==> flow/design.v <==
module my_alu_arith #(
  parameter int DW = 72
) (
  input logic clk,
  input logic rst_n,
  input logic [DW-1:0] src1,
  input logic [DW-1:0] src2,
  output logic [DW-1:0] diff
);
  logic [DW-1:0] src1_d1;
  always_ff @(posedge clk) begin
    if (~rst_n) begin
      src1_d1 <= 0;
    end else begin
      src1_d1 <= src1;
    end
  end
  logic [DW-1:0] src2_d1;
  always_ff @(posedge clk) begin
    if (~rst_n) begin
      src2_d1 <= 0;
    end else begin
      src2_d1 <= src2;
    end
  end
  logic [DW:0] val;
  assign val = src1_d1 - src2_d1;
  assign diff = val[DW] ? {DW{1'b0}} : val[DW-1:0];
endmodule
* From RTL to reports: my_alu_arith
Tool output for the design above, in the order of the flow. Line numbers count from 1 in the design file above. Cell names lack the library's common part. Not given: n/a
Inputs: design top my_alu_arith, clock clk, standard-cell library sky130hd, timing corner tt_025C_1v80

* Word-level counts
Counts by Yosys on the flattened word-level netlist (proc, flatten, opt, wreduce; memories kept). Register bits leave out memories and registers merged into their read ports (data or address); mux counts leave out enables and synchronous resets folded into registers. Print and check cells are left out. Cells with the same type and inputs are merged into one.
Word-level totals: flip-flop bits (word level) 144, bits in latches 0, bits in writable memories 0, ROM bits 0, clocked read ports x word width 0, memory cells 0, input port bits 146, output and inout port bits 72, elaborated cells 4
Operators by class: add/sub/neg operators 1, multiply operators 0, divide/modulo/power cells 0, order comparisons 0, eq/ne operators 0, shift-type cells 0, mux-type cells 1, bitwise operators 0, reductions and logical operators 0
Operator list (number):
- 72-bit by 72-bit subtractor with 73-bit output | 1
- 72-bit 2-to-1 mux | 1

* Depth
Longest topological path by Yosys (ltp), each cell counted once; first at word level (registers and memories cut), then after technology mapping (sequential cells cut; the memories' decode and read muxes count).
Logic depth: depth after elaboration 2, ABC_AREA 0, depth in mapped cells 15, depth with buffers taken out 14

* After synthesis
Yosys stat after the flow's synthesis: flattened, memories mapped to cells. It holds for the ABC_AREA given above (unset counts as 0); a run with the other value may have another netlist. The area totals of this step are shown rounded.
Cells by type:
- dfxtp_1 | number 144, area in all 2.88E+03 µm²
- and2_1 | number 149, area in all 932.144 µm²
- ha_1 | number 72, area in all 900.864 µm²
- a21oi_1 | number 84, area in all 420.403 µm²
- inv_1 | number 103, area in all 386.621 µm²
- nor2_1 | number 99, area in all 371.606 µm²
- xnor2_1 | number 34, area in all 297.786 µm²
- xor2_1 | number 30, area in all 262.752 µm²
- o21ai_0 | number 50, area in all 250.24 µm²
- nand2_1 | number 59, area in all 221.462 µm²
- a21o_1 | number 23, area in all 172.666 µm²
- clkbuf_1 | number 43, area in all 161.405 µm²
- nand4_1 | number 23, area in all 143.888 µm²
- nor3_1 | number 21, area in all 105.101 µm²
- o21bai_1 | number 14, area in all 105.101 µm²
- a31oi_1 | number 11, area in all 68.816 µm²
- nor2b_1 | number 10, area in all 62.56 µm²
- a211oi_1 | number 8, area in all 60.058 µm²
Other cell types: 42; their cells: 107.
Synthesis totals: standard cells after synthesis 1084, chip area (Yosys) 8655 µm², sequential part of the area 2883 µm², flip-flop cells 144, buffer cells 53

* Worst setup path after synthesis
Path of least setup slack by OpenSTA after synthesis, without wires, with an ideal clock, recovery checks aside; 20% of the period is set as input and as output delay. Where synthesis merged equal registers, the netlist keeps one of their names.
Path after synthesis: path type flip-flop to output port, from register src1_d1[0], to output port diff[57], period 4890 ps, launch time at the first pin 0 ps, arrival time 3131 ps, slack 781 ps, delay of the path 3131 ps, stages on the path 16, synthesis period reached 4109 ps
"delay of the path" is the arrival time less input delay plus setup time. At an output port there is no setup time. "stages on the path" counts driving pins, that of a launching flip-flop among them; a cell with two outputs on the path counts twice. "synthesis period reached" = period - worst setup slack (recovery checks aside). The figure is calculated, with input and output delays left at 20% of the set period. Between the ends stands the longest chain of elaborated cells between them, by number of cells; it is not shown to be the way that was timed. Of several equally long chains one is given. Each line given opens the expression or statement behind the cell; cells for indexed reads and writes are added by Yosys, which also makes memories of some case tables.
Between the ends, after synthesis: cell sequence dfxtp_1 > inv_1 > ha_1 > inv_1 > fa_1 > a211oi_1 > o21ai_1 > a21oi_1 > nor4b_1 > o21ai_1 > o31ai_2 > a31oi_2 > o31ai_4 > a311oi_2 > buf_2 > nor2_1, length of the longest elaborated chain 2
RTL lines, path after synthesis:
- start, declared | line 10 | logic [DW-1:0] src1_d1;
- start, assigned | line 13 | src1_d1 <= 0;
- start, assigned | line 15 | src1_d1 <= src1;
- 72-bit by 72-bit subtractor with 73-bit output | line 27 | assign val = src1_d1 - src2_d1;
- 72-bit 2-to-1 mux | line 28 | assign diff = val[DW] ? {DW{1'b0}} : val[DW-1:0];
- end, declared | line 8 | output logic [DW-1:0] diff

* Path in the finished layout
From the final timing report of run 1: the path of least setup slack in the routed layout; clock arrival at registers is part of the times. The report prints the path's times to 10 ps; the period is as set.
Path after layout: path type flip-flop to output port, from register src1_d1[0], to output port diff[29], period 6640 ps, launch time at the first pin 420 ps, arrival time 5410 ps, slack -90 ps, stages on the path 17
Between the ends stands the longest chain of elaborated cells between them, by number of cells; it is not shown to be the way that was timed. Of several equally long chains one is given.
Between the ends, after layout: cell sequence dfxtp_1 > inv_1 > ha_1 > inv_1 > fa_1 > a211oi_1 > o21ai_1 > a21oi_1 > nor4b_1 > o21ai_1 > o31ai_2 > a31oi_2 > o31ai_4 > a311oi_2 > buf_2 > nor2_1 > clkdlybuf4s50_1, length of the longest elaborated chain 2
RTL lines, path after layout:
- start, declared | line 10 | logic [DW-1:0] src1_d1;
- start, assigned | line 13 | src1_d1 <= 0;
- start, assigned | line 15 | src1_d1 <= src1;
- 72-bit by 72-bit subtractor with 73-bit output | line 27 | assign val = src1_d1 - src2_d1;
- 72-bit 2-to-1 mux | line 28 | assign diff = val[DW] ? {DW{1'b0}} : val[DW-1:0];
- end, declared | line 8 | output logic [DW-1:0] diff

Ticket comment

Measured data: module my_alu_arith, platform sky130hd, 3 stored runs of the flow under differing settings, order arbitrary. Input and output delays are each 20% of the period that was set; the output load is 0.01 pF.
"reached clock period" = clock period - worst setup slack. The figure is calculated, with input and output delays left at 20% of the set period.
By "time used up by the worst setup path" is meant the share of the clock period that the worst setup path is allowed (20% is reserved at inputs, 20% at outputs), minus its slack. Clock arrival times at its registers enter into it.
"total power after layout": no workload was simulated; the value follows from the tool's default switching activity.
"time used up by the worst setup path" is given in steps of 10 ps.
Values from the reports are rounded here.

[run 1] flow files
==> flow/run.sh <==
#!/bin/bash
# the make line also repeats the synthesis and layout settings of config.mk as NAME=value (left out here)
make -C /OpenROAD-flow-scripts/flow DESIGN_CONFIG=/design/flow/config.mk WORK_HOME=/design/flow/orfs CLKGATE_MAP_FILE= finish
==> flow/config.mk <==
export PLATFORM = sky130hd
export DESIGN_NAME = my_alu_arith
export DESIGN_NICKNAME = my_alu_arith
export VERILOG_FILES = /design/flow/design.v
export SDC_FILE = /design/flow/constraint.sdc
export NUM_CORES = 4
export LEC_CHECK = 0
export CAP_MARGIN = 20
export CELL_PAD_IN_SITES_GLOBAL_PLACEMENT = 0
export CORE_MARGIN = 8
export CORE_UTILIZATION = 45
export CTS_CLUSTER_DIAMETER = 365
export GPL_TIMING_DRIVEN = 0
export HOLD_SLACK_MARGIN = 0.25
export MAX_ROUTING_LAYER = met5
export SETUP_SLACK_MARGIN = -0.54
export SLEW_MARGIN = 20
==> flow/constraint.sdc <==
create_clock -name core_clock -period 6.64 [get_ports {clk}]
set_input_delay 1.3280 -clock core_clock [delete_from_list [all_inputs] [get_ports {clk}]]
set_output_delay 1.3280 -clock core_clock [all_outputs]
set_load 0.01 [all_outputs]

[run 1] result: mapped cell area after synthesis 8655 µm²; die size 23930 µm²; area of the standard cells in the finished layout 11720 µm²; utilization after routing 62.4 %; setup slack of the critical path -94 ps; post-route setup TNS -2479 ps; worst-case hold slack 1473 ps; total power after layout 2852 µW; reached clock period 6734 ps; time used up by the worst setup path 5410 ps; worst setup path type flip-flop to output port

[run 2] flow files
==> flow/run.sh <==
#!/bin/bash
# the make line also repeats the synthesis and layout settings of config.mk as NAME=value (left out here)
make -C /OpenROAD-flow-scripts/flow DESIGN_CONFIG=/design/flow/config.mk WORK_HOME=/design/flow/orfs CLKGATE_MAP_FILE= finish
==> flow/config.mk <==
export PLATFORM = sky130hd
export DESIGN_NAME = my_alu_arith
export DESIGN_NICKNAME = my_alu_arith
export VERILOG_FILES = /design/flow/design.v
export SDC_FILE = /design/flow/constraint.sdc
export NUM_CORES = 4
export LEC_CHECK = 0
export CAP_MARGIN = 20
export CORE_MARGIN = 2
export CORE_UTILIZATION = 40
export SLEW_MARGIN = 20
==> flow/constraint.sdc <==
create_clock -name core_clock -period 4.89 [get_ports {clk}]
set_input_delay 0.9780 -clock core_clock [delete_from_list [all_inputs] [get_ports {clk}]]
set_output_delay 0.9780 -clock core_clock [all_outputs]
set_load 0.01 [all_outputs]

[run 2] result: mapped cell area after synthesis 8655 µm²; die size 22830 µm²; area of the standard cells in the finished layout 12300 µm²; utilization after routing 58.2 %; setup slack of the critical path 101 ps; post-route setup TNS 0 ps; worst-case hold slack 1131 ps; total power after layout 3877 µW; reached clock period 4789 ps; time used up by the worst setup path 3810 ps; worst setup path type flip-flop to output port

[run 3] flow files
==> flow/run.sh <==
#!/bin/bash
# the make line also repeats the synthesis and layout settings of config.mk as NAME=value (left out here)
make -C /OpenROAD-flow-scripts/flow DESIGN_CONFIG=/design/flow/config.mk WORK_HOME=/design/flow/orfs CLKGATE_MAP_FILE= finish
==> flow/config.mk <==
export PLATFORM = sky130hd
export DESIGN_NAME = my_alu_arith
export DESIGN_NICKNAME = my_alu_arith
export VERILOG_FILES = /design/flow/design.v
export SDC_FILE = /design/flow/constraint.sdc
export NUM_CORES = 4
export LEC_CHECK = 0
export ABC_AREA = 1
export CAP_MARGIN = 20
export CELL_PAD_IN_SITES_DETAIL_PLACEMENT = 1
export CELL_PAD_IN_SITES_GLOBAL_PLACEMENT = 3
export CORE_MARGIN = 2
export CORE_UTILIZATION = 40
export GPL_TIMING_DRIVEN = 0
export PLACE_DENSITY_LB_ADDON = 0.17
export SLEW_MARGIN = 20
export TNS_END_PERCENT = 60
==> flow/constraint.sdc <==
create_clock -name core_clock -period 3.63 [get_ports {clk}]
set_input_delay 0.7260 -clock core_clock [delete_from_list [all_inputs] [get_ports {clk}]]
set_output_delay 0.7260 -clock core_clock [all_outputs]
set_load 0.01 [all_outputs]

[run 3] result: incomplete, placement halted on FLW-0024
